==> flow/design.v <==
module data_mux_stage #(
   parameter DATA_WIDTH = 4,
   parameter NIN = 20,
   parameter SBITS = $clog2(NIN)
) (
   input  clk_i,
   input  RST,
   input  [NIN*DATA_WIDTH-1:0] src,
   input  [SBITS-1:0] addr,
   output reg [DATA_WIDTH-1:0] dout
);
   reg [NIN*DATA_WIDTH-1:0] src_d1;
   reg [SBITS-1:0] addr_d1;
   wire [NIN*DATA_WIDTH-1:0] r;
   assign r = src_d1 >> (addr_d1 * DATA_WIDTH);
   always @(posedge clk_i or posedge RST) begin
      if (RST) begin
         src_d1 <= 0;
         addr_d1 <= 0;
         dout <= 0;
      end else begin
         src_d1 <= src;
         addr_d1 <= addr;
         dout <= r[DATA_WIDTH-1:0];
      end
   end
endmodule
# Reports on data_mux_stage
# What the tools print for data_mux_stage, step after step.
# Lines are those of the file above, counted from 1.
# Operators carry their Yosys type and port widths (W data, S select, Z words).
# Cell names lack the library's common part.
# The mark - stands for no value.
# design
top_module	data_mux_stage
clock	clk_i
cell_library	sky130hd
pvt_corner	tt_025C_1v80

# Elaborated design
# Counts by Yosys on the flattened word-level netlist (proc, flatten, opt, wreduce; memories kept). Register bits leave out memories and registers merged into their read ports (data or address); mux counts leave out enables and synchronous resets folded into registers. Print and check cells are left out. Cells with the same type and inputs are merged into one.
# bits
reg_bits	89
out_inout_bits	4
input_bits	87
# op_classes
n_shift	1
# ops
cell	count
$shr A80 B7 Y4	1

# Depth
# Longest topological path by Yosys (ltp), each cell counted once; first at word level (registers and memories cut), then after technology mapping (sequential cells cut; the memories' decode and read muxes count).
# depth
word_depth	1
abc_area	0
ltp_mapped	6
depth_no_buf	4

# Synthesis result
# The flow's flattened synthesis, as Yosys stat reports it; memories are mapped. The netlist is that of the ABC_AREA named above (0 if unset); the other value can give another one.
# types
cell_type	count	type_area_um2
dfrtp_1	89	2.23E+03
mux2i_1	32	320.307
mux4_2	4	90.086
a22oi_1	8	60.058
nand3_1	12	60.058
nand2_1	12	45.043
buf_6	3	33.782
a31oi_1	4	25.024
nand4_1	4	25.024
nor2b_1	4	25.024
buf_12	1	20.019
buf_4	2	15.014
and2b_1	1	7.507
nor2_1	2	7.507
nor3b_1	1	7.507
or2_2	1	6.256
buf_2	1	5.005
inv_1	1	3.754
# mapped
ffs	89
area_um2	2984.1
cell_count	182
sequential_area_um2	2227.1

# Timing after synthesis
# Source: OpenSTA report_checks on the synthesized netlist (no wires, ideal clock, input and output delay 20% of the period each), path of least setup slack; recovery checks are left aside. Register names are those of the netlist, which keeps one name where synthesis merged equal registers.
# synth_path
path_kind	reg-to-reg
from	register addr_d1[0]
to	register dout[0]
arrival_ns	1.071
n_path_buf	1
slack_ns	0.294
tclk_ns	1.49
path_delay_ns	1.195
path_stages	5
t_first_pin_ns	0.000
period_less_setup_slack_ns	1.196
# "path_delay_ns" = arrival - input delay + setup time.
# "path_stages": output pins that drive a net of the path, with the launching flip-flop's if there is one; two outputs of one cell count as two.
# "period_less_setup_slack_ns" = period - worst setup slack (recovery checks aside). The figure is calculated, with input and output delays left at 20% of the set period.
# The rows between start and end are the longest chain of elaborated cells between them; the timing report does not say that the signal goes this way. Where chains are equally long, one stands for them.
# A line is the first line of the expression or statement that the cell stems from. Yosys adds cells for indexed reads and writes and turns some case tables into memories.
# synth_via
path_cell_list	dfrtp_1 > buf_6 > mux4_2 > nand2_1 > nand3_1
elab_chain_cells	1
cone_cells	1
lines_between	1
# synth_lines
element	line	source
start, declared	13	reg [SBITS-1:0] addr_d1;
start, assigned	19	addr_d1 <= 0;
start, assigned	23	addr_d1 <= addr;
$shr A80 B7 Y4	15	assign r = src_d1 >> (addr_d1 * DATA_WIDTH);
end, assigned	20	dout <= 0;
end, assigned	24	dout <= r[DATA_WIDTH-1:0];
end, declared	10	output reg [DATA_WIDTH-1:0] dout

# Worst path after layout
# From the final timing report of flow run 1: the path of least setup slack in the routed layout; clock arrival at registers is part of the times.
# layout_path
path_kind	reg-to-reg
from	register addr_d1[1]
to	register dout[3]
path_stages	6
arrival_ns	1.66
t_first_pin_ns	0.34
n_path_buf	1
slack_ns	0.06
tclk_ns	1.49
# The rows between start and end are the longest chain of elaborated cells between them; the timing report does not say that the signal goes this way. Where chains are equally long, one stands for them.
# layout_via
path_cell_list	dfrtp_1 > buf_4 > nor2b_1 > a22oi_1 > nand4_1 > nand3_1
elab_chain_cells	1
cone_cells	1
lines_between	1
# layout_lines
element	line	source
start, declared	13	reg [SBITS-1:0] addr_d1;
start, assigned	19	addr_d1 <= 0;
start, assigned	23	addr_d1 <= addr;
$shr A80 B7 Y4	15	assign r = src_d1 >> (addr_d1 * DATA_WIDTH);
end, assigned	20	dout <= 0;
end, assigned	24	dout <= r[DATA_WIDTH-1:0];
end, declared	10	output reg [DATA_WIDTH-1:0] dout

# Top module data_mux_stage; platform sky130hd; tools Yosys and OpenROAD; 3 stored runs in no particular order. Input and output delays are each 20% of the period that was set; the output load is 0.01 pF.
# By "achieved_period_ns" is meant the clock period of the run minus its worst setup slack. This is arithmetic on one report: input and output delays are still those of the set period (20% each).
# "worst_setup_path_time_ns" = time allowed to the worst setup path (clock period - input delay - output delay, where it has them) - its slack; a late launch clock adds to it, a late capture clock takes from it.
# A setting shown as . is not set for that run.
run name	period_ns	CAP_MARGIN	CORE_MARGIN	CORE_UTILIZATION	SLEW_MARGIN	GPL_ROUTABILITY_DRIVEN	MAX_ROUTING_LAYER	SETUP_SLACK_MARGIN	PLACE_DENSITY_LB_ADDON	CORE_ASPECT_RATIO	TNS_END_PERCENT	GPL_TIMING_DRIVEN	ys_area_um2	fin_ws_ns	design.die.area_um2	achieved_period_ns	post_route_stdcell_area_um2	worst_setup_path_time_ns	critical_path_kind	final_setup_tns_ns	layout_utilization_pct
flow run 1	1.49	20	2	40	20	.	.	.	.	.	.	.	2984.1	0.063	8166.7	1.427	4232.8	1.43	reg-to-reg	0.000	58.4
flow run 2	0.726	15	2	48	20	0	met4	.	.	.	.	.	2984.1	-0.608	6863.3	1.334	4379.2	1.33	reg-to-reg	-3.432	73.5
flow run 3	1.28	20	6	36	35	.	.	0.24	0.08	0.74	85	1	2984.1	-0.041	10642.9	1.321	4297.9	1.32	reg-to-reg	-0.105	53.6
